==> flow/design.v <==
module ex_shft_p #(
  parameter integer WIDTH = 8,
  parameter integer LG = $clog2(WIDTH)
) (
  input  wire sys_clk,
  input  wire [WIDTH-1:0] bus_i,
  input  wire [LG-1:0] by_i,
  output reg [WIDTH-1:0] o_o
);
  reg [WIDTH-1:0] bus_d1;
  reg [LG-1:0] by_d1;
  always @(posedge sys_clk) begin
    bus_d1 <= bus_i;
    by_d1 <= by_i;
  end
  wire [WIDTH-1:0] n_ [0:LG];
  assign n_[0] = bus_d1;
  genvar g;
  generate
    for (g = 0; g < LG; g = g + 1) begin : lane
      assign n_[g+1] = by_d1[g] ? (n_[g] << (1 << g)) | (n_[g] >> (WIDTH - (1 << g))) : n_[g];
    end
  endgenerate
  always @(posedge sys_clk) begin
    o_o <= n_[LG];
  end
endmodule
# ---- From RTL to reports: ex_shft_p
# Tool output for the members of one design family, told apart by "WIDTH", in the order of the flow.
# The file above is the member WIDTH = 8. Line numbers count from 1 in each member's own file.
# Library cell names are shortened.
# A cell with n/a has no value.
dict set report inputs {
  top_module {ex_shft_p}
  clock {sys_clk}
  cell_library {sky130hd}
  pvt_corner {tt_025C_1v80}
}

# ---- Source of the members
# New or changed lines of each further member against the RTL above, in its own file; lines it lacks are not shown.
# WIDTH line
set changed_lines {}
lappend changed_lines {10 2} ;# parameter integer WIDTH = 10,
lappend changed_lines {12 2} ;# parameter integer WIDTH = 12,
lappend changed_lines {24 2} ;# parameter integer WIDTH = 24,
lappend changed_lines {28 2} ;# parameter integer WIDTH = 28,
lappend changed_lines {96 2} ;# parameter integer WIDTH = 96,

# ---- Word level
# Counts by Yosys on the flattened word-level netlist (proc, flatten, opt, wreduce). Print and check cells are left out. Cells with the same type and inputs are merged into one.
# WIDTH output_inout_bits regBits input_bits elab_cells
set word_totals {}
lappend word_totals {8 8 19 12 9}
lappend word_totals {10 10 24 15 11}
lappend word_totals {12 12 28 17 11}
lappend word_totals {24 24 53 30 13}
lappend word_totals {28 28 61 34 13}
lappend word_totals {96 96 199 104 17}
# WIDTH mux n_logic
set op_classes {}
lappend op_classes {8 3 3}
lappend op_classes {10 4 4}
lappend op_classes {12 4 4}
lappend op_classes {24 5 5}
lappend op_classes {28 5 5}
lappend op_classes {96 7 7}
# WIDTH op_list
set op_table {}
lappend op_table {8 {two-way mux 8 bit (3); OR 8 x 1 -> 8 bit (1); OR 8 x 2 -> 8 bit (1); OR 8 x 4 -> 8 bit (1)}}
lappend op_table {10 {two-way mux 10 bit (4); OR 10 x 1 -> 10 bit (1); OR 10 x 2 -> 10 bit (1); OR 10 x 4 -> 10 bit (1); OR 10 x 8 -> 10 bit (1)}}
lappend op_table {12 {two-way mux 12 bit (4); OR 12 x 1 -> 12 bit (1); OR 12 x 2 -> 12 bit (1); OR 12 x 4 -> 12 bit (1); OR 12 x 8 -> 12 bit (1)}}
lappend op_table {24 {two-way mux 24 bit (5); OR 24 x 1 -> 24 bit (1); OR 24 x 16 -> 24 bit (1); OR 24 x 2 -> 24 bit (1); OR 24 x 4 -> 24 bit (1); OR 24 x 8 -> 24 bit (1)}}
lappend op_table {28 {two-way mux 28 bit (5); OR 28 x 1 -> 28 bit (1); OR 28 x 16 -> 28 bit (1); OR 28 x 2 -> 28 bit (1); OR 28 x 4 -> 28 bit (1); OR 28 x 8 -> 28 bit (1)}}
lappend op_table {96 {two-way mux 96 bit (7); OR 96 x 1 -> 96 bit (1); OR 96 x 16 -> 96 bit (1); OR 96 x 2 -> 96 bit (1); OR 96 x 32 -> 96 bit (1); OR 96 x 4 -> 96 bit (1); OR 96 x 64 -> 96 bit (1); OR 96 x 8 -> 96 bit (1)}}

# ---- Logic depth
# Longest topological path by Yosys (ltp), each cell counted once; first at word level (registers and memories cut), then after technology mapping (sequential cells cut; the memories' decode and read muxes count).
# WIDTH ltp_word abc_area ltp_mapped mapped_depth_nobuf
set logic_depth {}
lappend logic_depth {8 6 0 3 2}
lappend logic_depth {10 8 0 4 3}
lappend logic_depth {12 8 0 4 3}
lappend logic_depth {24 10 0 5 3}
lappend logic_depth {28 10 0 5 3}
lappend logic_depth {96 14 0 7 4}

# ---- Mapped cells and area
# Yosys stat after the flow's synthesis: flattened, memories mapped to cells. It holds for the ABC_AREA given above (unset counts as 0); a run with the other value may have another netlist.
# The area totals of this step are shown rounded.
# WIDTH type_list
set by_type {}
lappend by_type {8 {dfxtp_1 (19); mux4_1 (8); mux2_2 (8); buf_6 (2); buf_1 (1)}}
lappend by_type {10 {dfxtp_1 (24); mux4_1 (10); mux2i_1 (20); buf_6 (2); buf_2 (1); buf_1 (1)}}
lappend by_type {12 {dfxtp_1 (28); mux4_2 (8); mux4_1 (4); a22oi_1 (12); o21ai_0 (12); nand2_1 (12); nor2b_1 (2); buf_6 (1); clkbuf_1 (3); buf_2 (2); and2_1 (1); nor2_1 (1)}}
lappend by_type {24 {dfxtp_1 (53); mux4_2 (31); mux4_1 (17); mux2_2 (24); buf_12 (2); clkbuf_1 (9); buf_6 (1); buf_4 (1); buf_2 (1); buf_1 (1)}}
lappend by_type {28 {dfxtp_1 (61); mux4_2 (38); mux4_1 (18); mux2_2 (28); buf_6 (2); buf_12 (1); buf_2 (4); clkbuf_1 (5); buf_1 (3)}}
lappend by_type {96 {mux4_2 (288); dfxtp_1 (199); mux2_2 (96); clkbuf_1 (55); buf_6 (5); buf_1 (10); buf_2 (7)}}
# WIDTH sequential_area_um2 n_buf ffs mapped_cells synth_area_um2
set synth_totals {}
lappend synth_totals {8 380 3 19 38 710}
lappend synth_totals {10 480 4 24 58 970}
lappend synth_totals {12 560 6 28 86 1100}
lappend synth_totals {24 1100 15 53 140 2600}
lappend synth_totals {28 1200 15 61 160 3000}
lappend synth_totals {96 4000 77 199 660 12000}

# ---- Worst setup path after synthesis
# OpenSTA on the mapped netlist: ideal clock, no wires. The path of least setup slack (recovery checks aside). Input and output delay are each 20% of the period. Register names are those of the netlist, which keeps one name where synthesis merged equal registers.
# WIDTH kind start end setup_slack_ps stages period_ps delay_ps synth_period_reached_ps
set synth_path {}
lappend synth_path {8 reg2reg {register by_d1[0]} {register o_o[0]} 343 4 1700 1358 1357}
lappend synth_path {10 reg2reg {register by_d1[0]} {register o_o[1]} 346 5 1740 1395 1394}
lappend synth_path {12 reg2reg {register by_d1[0]} {register o_o[10]} 350 5 1760 1410 1410}
lappend synth_path {24 reg2reg {register by_d1[4]} {register o_o[6]} 507 5 2540 2034 2033}
lappend synth_path {28 reg2reg {register by_d1[3]} {register o_o[27]} 518 6 2600 2082 2082}
lappend synth_path {96 reg2reg {register by_d1[3]} {register o_o[3]} 700 8 3480 2781 2780}
# "delay_ps" = arrival - input delay + setup time.
# "stages": output pins that drive a net of the path, with the launching flip-flop's if there is one; two outputs of one cell count as two.
# "synth_period_reached_ps" = period - worst setup slack (recovery checks aside). The figure is calculated, with input and output delays left at 20% of the set period.
# The rows between start and end are the longest chain of elaborated cells between them; the timing report does not say that the signal goes this way. Where chains are equally long, one stands for them.
# Each line given opens the expression or statement behind the cell; cells for indexed reads and writes are added by Yosys, which also makes memories of some case tables.
dict set report synth_via_WIDTH_8 {
  elab_chain_cells 5
}
# item line
set synth_rtl_WIDTH_8 {}
lappend synth_rtl_WIDTH_8 {{start, declared} 11} ;# reg [LG-1:0] by_d1;
lappend synth_rtl_WIDTH_8 {{start, assigned} 14} ;# by_d1 <= by_i;
lappend synth_rtl_WIDTH_8 {{two-way mux 8 bit} 21} ;# assign n_[g+1] = by_d1[g] ? (n_[g] << (1 << g)) | (n_[g] >> (WIDTH - (1 << g))) : n_[g];
lappend synth_rtl_WIDTH_8 {{OR 8 x 2 -> 8 bit} 21}
lappend synth_rtl_WIDTH_8 {{two-way mux 8 bit} 21}
lappend synth_rtl_WIDTH_8 {{OR 8 x 4 -> 8 bit} 21}
lappend synth_rtl_WIDTH_8 {{two-way mux 8 bit} 21}
lappend synth_rtl_WIDTH_8 {{end, assigned} 25} ;# o_o <= n_[LG];
lappend synth_rtl_WIDTH_8 {{end, declared} 8} ;# output reg [WIDTH-1:0] o_o
dict set report synth_via_WIDTH_96 {
  elab_chain_cells 7
}
# item line
set synth_rtl_WIDTH_96 {}
lappend synth_rtl_WIDTH_96 {{start, declared} 11} ;# reg [LG-1:0] by_d1;
lappend synth_rtl_WIDTH_96 {{start, assigned} 14} ;# by_d1 <= by_i;
lappend synth_rtl_WIDTH_96 {{two-way mux 96 bit} 21} ;# assign n_[g+1] = by_d1[g] ? (n_[g] << (1 << g)) | (n_[g] >> (WIDTH - (1 << g))) : n_[g];
lappend synth_rtl_WIDTH_96 {{OR 96 x 16 -> 96 bit} 21}
lappend synth_rtl_WIDTH_96 {{two-way mux 96 bit} 21}
lappend synth_rtl_WIDTH_96 {{OR 96 x 32 -> 96 bit} 21}
lappend synth_rtl_WIDTH_96 {{two-way mux 96 bit} 21}
lappend synth_rtl_WIDTH_96 {{OR 96 x 64 -> 96 bit} 21}
lappend synth_rtl_WIDTH_96 {{two-way mux 96 bit} 21}
lappend synth_rtl_WIDTH_96 {{end, assigned} 25} ;# o_o <= n_[LG];
lappend synth_rtl_WIDTH_96 {{end, declared} 8} ;# output reg [WIDTH-1:0] o_o

# ---- Timing after layout
# Path of least setup slack in the final report of the run of each member (OpenROAD, finished layout, wires in). Where an end is a register, its clock arrival counts in the times.
# The path's times are printed in steps of 10 ps; the period is the one set.
# WIDTH kind start end stages arrival_time_ps period_ps path_buffers setup_slack_ps
set layout_path {}
lappend layout_path {8 reg2reg {register by_d1[0]} {register o_o[6]} 3 1770 1700 0 120}
lappend layout_path {10 reg2reg {register by_d1[0]} {register o_o[0]} 5 1720 1740 1 210}
lappend layout_path {12 reg2out {register o_o[0]} {output port o_o[0]} 2 1180 1760 1 220}
lappend layout_path {24 reg2reg {register by_d1[0]} {register o_o[14]} 5 2360 2540 1 390}
lappend layout_path {28 reg2reg {register by_d1[0]} {register o_o[3]} 5 2450 2600 1 390}
lappend layout_path {96 reg2reg {register by_d1[0]} {register o_o[76]} 6 3420 3480 1 390}

# ---- Measured runs
# Settings and results of one run of the flow (Yosys, OpenROAD) for each member follow. The constraints put input and output delay at 20% of the set period each and load the outputs with 0.01 pF.
dict set report flow_settings {
  CAP_MARGIN 20
  CORE_MARGIN 2
  CORE_UTILIZATION 40
  SLEW_MARGIN 20
}
# WIDTH period_ns
set settings_by_member {}
lappend settings_by_member {8 1.7}
lappend settings_by_member {10 1.74}
lappend settings_by_member {12 1.76}
lappend settings_by_member {24 2.54}
lappend settings_by_member {28 2.6}
lappend settings_by_member {96 3.48}
# WIDTH post_route_stdcell_area_um2 util_frac totalPower_w achieved_clock_period_ps timing.setup.ws_ps dieArea_um2 hold_ws_ps synth_area_um2 fin_tns_ps
set results {}
lappend results {8 930 0.55 0.00088 1576 120 2100 480 710 0}
lappend results {10 1300 0.57 0.0012 1529 210 2800 460 970 0}
lappend results {12 1500 0.57 0.0013 1536 220 3200 450 1100 0}
lappend results {24 3300 0.52 0.0021 2154 390 7100 630 2600 0}
lappend results {28 3900 0.54 0.0028 2213 390 8100 620 3000 0}
lappend results {96 15000 0.51 0.0074 3085 390 31000 680 12000 0}
# "achieved_clock_period_ps" is the run's clock period less its worst setup slack. It is reckoned from that one timing run; input and output delays stay at 20% of the period that was set.
# "totalPower_w": no workload was simulated; the value follows from the tool's default switching activity.
# Results are given in rounded form.
